==> flow/design.v <==
module alu_relation (sys_clk, rstn, i_dataa, i_datab, i_datac, o_in_range);
    parameter integer NBITS = 96;
    input sys_clk;
    input rstn;
    input [NBITS-1:0] i_dataa;
    input [NBITS-1:0] i_datab;
    input [NBITS-1:0] i_datac;
    output o_in_range;
    reg [NBITS-1:0] dataa_q;
    reg [NBITS-1:0] datab_q;
    reg [NBITS-1:0] datac_q;
    assign o_in_range = (dataa_q >= datab_q) && (dataa_q <= datac_q);
    always @(posedge sys_clk) begin
        if (!rstn) begin
            dataa_q <= 0;
            datab_q <= 0;
            datac_q <= 0;
        end else begin
            dataa_q <= i_dataa;
            datab_q <= i_datab;
            datac_q <= i_datac;
        end
    end
endmodule
# == Reports on alu_relation ==
# Tool output for the design above, in the order of the flow.
# Lines are those of the file above, counted from 1.
# Operators carry their Yosys type and port widths (W data, S select, Z words).
# Cell names lack the library's common part.
# The mark n/a stands for no value.
# setup
top,alu_relation
clk_port,sys_clk
lib,sky130hd
pvt_corner,tt_025C_1v80

# == After elaboration ==
# Yosys after proc, flatten, opt, wreduce and memory -nomap, before mapping. Enables and synchronous resets that opt folds into registers are not counted as muxes. Memory bits, and registers merged into a memory's read port (data or address), are not among the register bits. Print and check cells are not counted. Equal cells are merged and count once.
# classes
cmp,2
reduce_logical,1
# ops
op,n
$ge A96 B96 Y1,1
$le A96 B96 Y1,1
$logic_and A1 B1 Y1,1
# word_totals
register_bits,288
inputBits,290
output_inout_bits,1
wordCells,6

# == Logic depth ==
# Longest topological path by Yosys (ltp), each cell counted once; first at word level (registers and memories cut), then after technology mapping (sequential cells cut; the memories' decode and read muxes count).
# depth
word_depth,2
abc_area,0
ltp_mapped,9
ltp_nobuf,9

# == After synthesis ==
# Yosys stat after the flow's synthesis: flattened, memories mapped to cells. It holds for the ABC_AREA given above (unset counts as 0); a run with the other value may have another netlist.
# The area totals of this step are shown rounded.
# types
type,n,type_area_um2
dfxtp_1,288,5765.53
ha_1,192,2.4E+03
and2_1,288,1.8E+03
inv_1,197,739.459
a21oi_1,67,335.322
a21o_1,32,240.23
nand4_1,33,206.448
nand2_1,44,165.158
clkbuf_1,31,116.362
o21ai_0,20,100.096
and4_1,7,61.309
a221oi_1,6,52.55
nor2_1,13,48.797
nor3_1,9,45.043
nand3_1,8,40.038
o211ai_1,5,37.536
nor4_1,5,31.28
a211oi_1,4,30.029
# Other cell types: 28; their cells: 41.
# synth_totals
stdcells,1290
synth_area_um2,13000
sequential_area_um2,5800
ffs,288
n_buf,31

# == Worst setup path after synthesis ==
# Path of least setup slack by OpenSTA after synthesis, without wires, with an ideal clock, recovery checks aside; 20% of the period is set as input and as output delay. Where synthesis merged equal registers, the netlist keeps one of their names.
# synth_timing
path_kind,register -> output
from,register datab_q[92]
to,output port o_in_range
tclk_ns,3.18
output_delay_ns,0.636
t_first_pin_ns,0.000
t_arrival_ns,2.035
t_required_ns,2.544
path_slack_ns,0.509
delay_ns,2.035
stages,10
n_path_buf,0
synth_period_reached_ns,2.671
# "delay_ns" = arrival - input delay + setup time.
# A path that ends at an output port has no setup time.
# "stages": output pins that drive a net of the path, with the launching flip-flop's if there is one; two outputs of one cell count as two.
# "synth_period_reached_ns" = period - worst setup slack (recovery checks aside). The figure is calculated, with input and output delays left at 20% of the set period.
# Between the ends stands the longest chain of elaborated cells between them, by number of cells; it is not shown to be the way that was timed. Of several equally long chains one is given.
# A line is the first line of the expression or statement that the cell stems from. Yosys adds cells for indexed reads and writes and turns some case tables into memories.
# synth_between
cell_sequence,dfxtp_1 > inv_1 > ha_1 > nand2_1 > or4_4 > nand4b_4 > or3_1 > nand4_1 > a211oi_1 > a21oi_2
elab_chain_cells,2
cone_cells,2
# synth_rtl
element,line,rtl
start: declaration,10,reg [NBITS-1:0] datab_q;
start: assignment,16,datab_q <= 0;
start: assignment,20,datab_q <= i_datab;
$ge A96 B96 Y1,12,assign o_in_range = (dataa_q >= datab_q) && (dataa_q <= datac_q);
$logic_and A1 B1 Y1,12,
end: declaration,8,output o_in_range;

# == Worst path after layout ==
# Path of least setup slack in the final report of run 1 (OpenROAD, finished layout, wires in). Where an end is a register, its clock arrival counts in the times.
# layout_timing
path_kind,register -> output
from,register datac_q[14]
to,output port o_in_range
tclk_ns,3.01
output_delay_ns,0.60
t_first_pin_ns,0.53
t_arrival_ns,3.04
t_required_ns,2.41
path_slack_ns,-0.63
stages,12
n_path_buf,2
# Between the ends stands the longest chain of elaborated cells between them, by number of cells; it is not shown to be the way that was timed. Of several equally long chains one is given.
# layout_between
cell_sequence,dfxtp_2 > inv_2 > ha_4 > nand4_1 > or4_4 > nor3_2 > buf_4 > nor3b_4 > nand2b_4 > o221ai_4 > a21oi_2 > buf_6
elab_chain_cells,2
cone_cells,2
# layout_rtl
element,line,rtl
start: declaration,11,reg [NBITS-1:0] datac_q;
start: assignment,17,datac_q <= 0;
start: assignment,21,datac_q <= i_datac;
$le A96 B96 Y1,12,assign o_in_range = (dataa_q >= datab_q) && (dataa_q <= datac_q);
$logic_and A1 B1 Y1,12,
end: declaration,8,output o_in_range;

Top module alu_relation; platform sky130hd; tools Yosys and OpenROAD; 3 stored runs in no particular order. Input and output delays are each 20% of the period that was set; the output load is 0.01 pF.
"period_less_ws_ns" = clock period - worst setup slack. The figure is calculated, with input and output delays left at 20% of the set period.
"worst_setup_path_time_ns" is the time allowed to the run's worst setup path (the clock period less input and output delay, where it has them) less its slack. Clock arrival times count: a late capture clock shortens it, a late launch clock lengthens it.
"design_power_w" is the tool's figure for a default switching activity; nothing was simulated.
The measured numbers are rounded.

Run 1, flow files:
==> flow/run.sh <==
#!/bin/bash
# the make line also repeats the synthesis and layout settings of config.mk as NAME=value (left out here)
make -C /OpenROAD-flow-scripts/flow DESIGN_CONFIG=/design/flow/config.mk WORK_HOME=/design/flow/orfs CLKGATE_MAP_FILE= finish
==> flow/config.mk <==
export PLATFORM = sky130hd
export DESIGN_NAME = alu_relation
export DESIGN_NICKNAME = alu_relation
export VERILOG_FILES = /design/flow/design.v
export SDC_FILE = /design/flow/constraint.sdc
export NUM_CORES = 4
export LEC_CHECK = 0
export ABC_AREA = 0
export CAP_MARGIN = 5
export CELL_PAD_IN_SITES_DETAIL_PLACEMENT = 1
export CORE_ASPECT_RATIO = 0.59
export CORE_MARGIN = 2
export CORE_UTILIZATION = 17
export CTS_CLUSTER_SIZE = 10
export GPL_ROUTABILITY_DRIVEN = 1
export SETUP_SLACK_MARGIN = 0.23
export SLEW_MARGIN = 20
==> flow/constraint.sdc <==
create_clock -name core_clock -period 3.01 [get_ports {sys_clk}]
set_input_delay 0.6020 -clock core_clock [delete_from_list [all_inputs] [get_ports {sys_clk}]]
set_output_delay 0.6020 -clock core_clock [all_outputs]
set_load 0.01 [all_outputs]

==> results of run 1, as CSV <==
result,value
design_power_w,0.0095
finish.utilization_pct,25
final_stdcell_area_um2,18000
tns_setup_ns,-0.63
design_die_area_um2,76000
holdWs_ns,0.52
synthArea_um2,13000
period_less_ws_ns,3.637
worst_setup_path_time_ns,3.04
worst_path_kind,"register -> output"
ws_setup_ns,-0.63

Run 2, flow files:
==> flow/run.sh <==
#!/bin/bash
# the make line also repeats the synthesis and layout settings of config.mk as NAME=value (left out here)
make -C /OpenROAD-flow-scripts/flow DESIGN_CONFIG=/design/flow/config.mk WORK_HOME=/design/flow/orfs CLKGATE_MAP_FILE= finish
==> flow/config.mk <==
export PLATFORM = sky130hd
export DESIGN_NAME = alu_relation
export DESIGN_NICKNAME = alu_relation
export VERILOG_FILES = /design/flow/design.v
export SDC_FILE = /design/flow/constraint.sdc
export NUM_CORES = 4
export LEC_CHECK = 0
export CAP_MARGIN = 20
export CORE_MARGIN = 2
export CORE_UTILIZATION = 40
export SLEW_MARGIN = 20
==> flow/constraint.sdc <==
create_clock -name core_clock -period 3.18 [get_ports {sys_clk}]
set_input_delay 0.6360 -clock core_clock [delete_from_list [all_inputs] [get_ports {sys_clk}]]
set_output_delay 0.6360 -clock core_clock [all_outputs]
set_load 0.01 [all_outputs]

==> results of run 2, as CSV <==
result,value
design_power_w,0.0093
finish.utilization_pct,59
final_stdcell_area_um2,18000
tns_setup_ns,-0.38
design_die_area_um2,33000
holdWs_ns,0.65
synthArea_um2,13000
period_less_ws_ns,3.561
worst_setup_path_time_ns,2.92
worst_path_kind,"register -> output"
ws_setup_ns,-0.38

Run 3, flow files:
==> flow/run.sh <==
#!/bin/bash
# the make line also repeats the synthesis and layout settings of config.mk as NAME=value (left out here)
make -C /OpenROAD-flow-scripts/flow DESIGN_CONFIG=/design/flow/config.mk WORK_HOME=/design/flow/orfs CLKGATE_MAP_FILE= finish
==> flow/config.mk <==
export PLATFORM = sky130hd
export DESIGN_NAME = alu_relation
export DESIGN_NICKNAME = alu_relation
export VERILOG_FILES = /design/flow/design.v
export SDC_FILE = /design/flow/constraint.sdc
export NUM_CORES = 4
export LEC_CHECK = 0
export CAP_MARGIN = 20
export CELL_PAD_IN_SITES_DETAIL_PLACEMENT = 2
export CELL_PAD_IN_SITES_GLOBAL_PLACEMENT = 3
export CORE_MARGIN = 7
export CORE_UTILIZATION = 37
export GPL_TIMING_DRIVEN = 1
export MAX_ROUTING_LAYER = met4
export PLACE_DENSITY = 0.42
export SETUP_SLACK_MARGIN = 0.43
export SLEW_MARGIN = 20
export TNS_END_PERCENT = 55
==> flow/constraint.sdc <==
create_clock -name core_clock -period 5.01 [get_ports {sys_clk}]
set_input_delay 1.0020 -clock core_clock [delete_from_list [all_inputs] [get_ports {sys_clk}]]
set_output_delay 1.0020 -clock core_clock [all_outputs]
set_load 0.01 [all_outputs]

==> results of run 3, as CSV <==
result,value
design_power_w,0.0058
finish.utilization_pct,51
final_stdcell_area_um2,17000
tns_setup_ns,0.000
design_die_area_um2,39000
holdWs_ns,1.0
synthArea_um2,13000
period_less_ws_ns,4.121
worst_setup_path_time_ns,3.12
worst_path_kind,"register -> output"
ws_setup_ns,0.89
